==> flow/design.v <==
module mul_rtl #(
  parameter integer XLEN = 20,
  parameter integer W2 = 8
) (
  input  logic core_clk,
  input  logic rst,
  input  logic [XLEN-1:0] in_first,
  input  logic [W2-1:0] in_second,
  output logic [XLEN+W2-1:0] out_res
);
  always_ff @(posedge core_clk or posedge rst) begin
    if (rst) begin
      out_res <= 0;
    end else begin
      out_res <= in_first * in_second;
    end
  end
endmodule
# Tool chain data of mul_rtl
# Tool output for the design above, in the order of the flow.
# Line numbers count from 1 in the design file above.
# Operators: Yosys type, input widths -> output width; for muxes data width and select width s.
# Cell names lack the library's common part.
# The mark n/a stands for no value.
# setup
design	mul_rtl
clk_port	core_clk
library	sky130hd
lib_corner	tt_025C_1v80

# After elaboration
# Yosys after proc, flatten, opt, wreduce and memory -nomap, before mapping. Enables and synchronous resets that opt folds into registers are not counted as muxes. Memory bits, and registers merged into a memory's read port (data or address), are not among the register bits. Print and check cells are not counted. Equal cells are merged and count once.
# classes
mul	1
# ops
operator	count
$mul 20x8->28	1
# word_totals
regBits	28
inputBits	30
out_inout_bits	28
elab_cells	2

# Longest topological paths
# Yosys ltp: most cells in a row. Word level: on the elaborated netlist, between registers, memories and ports. Mapped: between sequential cells and ports; inverters and the memories' decode and read muxes count.
# logic_depth
word_depth	1
ABC_AREA	0
depth_mapped	18
ltp_nobuf	16

# Mapped cells and area
# The flow's flattened synthesis, as Yosys stat reports it; memories are mapped. The netlist is that of the ABC_AREA named above (0 if unset); the other value can give another one.
# types
cell_type	count	area_total_um2
fa_1	108	2.16E+03
and2_1	118	738.208
dfrtp_1	28	700.672
ha_1	48	600.576
inv_1	108	405.389
nand2_1	61	228.97
a21oi_1	29	145.139
xnor2_1	16	140.134
clkbuf_1	20	75.072
a21o_1	7	52.55
nor2_1	12	45.043
xor2_1	5	43.792
o21ai_0	8	40.038
nand4_1	5	31.28
a211oi_2	2	25.024
nand3_1	5	25.024
o21a_1	3	22.522
nor3_1	4	20.019
# Not listed: further types 34, cells in them 42.
# synth_totals
mapped_cells	629
area_um2	5840.6
sequential_area_um2	700.7
ff_cells	28
buf_cells	23

# Worst setup path after synthesis
# OpenSTA on the mapped netlist: ideal clock, no wires. The path of least setup slack (recovery checks aside). Input and output delay are each 20% of the period. Register names are those of the netlist, which keeps one name where synthesis merged equal registers.
# synth_timing
path_kind	in2reg
from	input port in_second[2]
to	register out_res[23]
period_ps	6310
input_delay_ps	1262
setup_ps	123
t_first_pin_ps	1262
arrival_time_ps	5176
t_required_ps	6187
slack_ps	1011
path_delay_ps	4037
path_stages	16
path_buffers	1
synth_period_reached_ps	5299
# "path_delay_ps" is the arrival time less input delay plus setup time.
# "path_stages": output pins that drive a net of the path, with the launching flip-flop's if there is one; two outputs of one cell count as two.
# "synth_period_reached_ps" is the clock period less the worst setup slack; recovery checks do not enter. This is arithmetic on one report: input and output delays are still those of the set period (20% each).
# The rows between start and end are the longest chain of elaborated cells between them; the timing report does not say that the signal goes this way. Where chains are equally long, one stands for them.
# A line is the first line of the expression or statement that the cell stems from. Yosys adds cells for indexed reads and writes and turns some case tables into memories.
# synth_between
path_cell_list	clkbuf_1 > nand2_1 > fa_1 > fa_1 > inv_1 > fa_1 > inv_1 > fa_1 > inv_1 > ha_1 > a21o_1 > a21oi_1 > a211oi_2 > o31ai_1 > o21ai_1 > xnor2_1
elab_chain_len	1
cone_cells	1
lines_between	1
classes_between	mul: 1
# synth_rtl
element	line_no	rtl
start, declared	8	input  logic [W2-1:0] in_second,
$mul 20x8->28	15	out_res <= in_first * in_second;
end, assigned	13	out_res <= 0;
end, assigned	15
end, declared	9	output logic [XLEN+W2-1:0] out_res

# Timing after layout
# Path of least setup slack in the final report of flow run A (OpenROAD, finished layout, wires in). Where an end is a register, its clock arrival counts in the times.
# The path's times are printed in steps of 10 ps; the period is the one set.
# layout_timing
path_kind	in2reg
from	input port in_first[5]
to	register out_res[23]
period_ps	8780
input_delay_ps	1760
setup_ps	120
t_first_pin_ps	1760
arrival_time_ps	6540
t_required_ps	8920
slack_ps	2380
path_stages	16
path_buffers	1
# The rows between start and end are the longest chain of elaborated cells between them; the timing report does not say that the signal goes this way. Where chains are equally long, one stands for them.
# layout_between
path_cell_list	clkdlybuf4s50_1 > nand2_1 > fa_1 > fa_1 > inv_1 > fa_1 > inv_1 > fa_1 > inv_1 > ha_1 > a21o_1 > a21oi_1 > a211oi_2 > o31ai_1 > o21ai_1 > xnor2_1
elab_chain_len	1
cone_cells	1
lines_between	1
classes_between	mul: 1
# layout_rtl
element	line_no	rtl
start, declared	7	input  logic [XLEN-1:0] in_first,
$mul 20x8->28	15	out_res <= in_first * in_second;
end, assigned	13	out_res <= 0;
end, assigned	15
end, declared	9	output logic [XLEN+W2-1:0] out_res

# Flow measurements of mul_rtl on sky130hd: 3 stored runs with different settings, listed in no order. Input and output delays are each 20% of the period that was set; the output load is 0.01 pF.
# "timing.worst_path_ps" = time allowed to the worst setup path (clock period - input delay - output delay, where it has them) - its slack; a late launch clock adds to it, a late capture clock takes from it.
# "power_total_mw" is the tool's figure for a default switching activity; nothing was simulated.
# "timing.worst_path_ps" is given in steps of 10 ps.
# A setting shown as - is not set for that run.
setting or result,flow run A,flow run B,flow run C
period_ns,8.78,5.12,6.31
CORE_UTILIZATION,47,66,40
PLACE_DENSITY,0.73,-,-
CORE_ASPECT_RATIO,1.2,0.6,-
CELL_PAD_IN_SITES_GLOBAL_PLACEMENT,1,0,-
TNS_END_PERCENT,45,-,-
GPL_TIMING_DRIVEN,0,-,-
CTS_CLUSTER_DIAMETER,265,-,-
CAP_MARGIN,15,5,20
SLEW_MARGIN,30,20,20
MAX_ROUTING_LAYER,met4,-,-
CORE_MARGIN,2,5,2
SETUP_SLACK_MARGIN,-,0.75,-
ABC_AREA,-,0,-
post_synth_area_um2,5840.6,5840.6,5840.6
dieArea_um2,13337.9,10892.2,15583.8
layout_stdcell_area_um2,6611.3,8270.4,6728.9
layout_utilization_pct,54.6,96.7,46.7
worst_setup_slack_ps,2382,-167,284
tns_setup_ps,0,-453,0
power_total_mw,1.931,6.226,2.702
timing.worst_path_ps,4640,4260,4760
worst_setup_path_type,in2reg,in2reg,in2reg
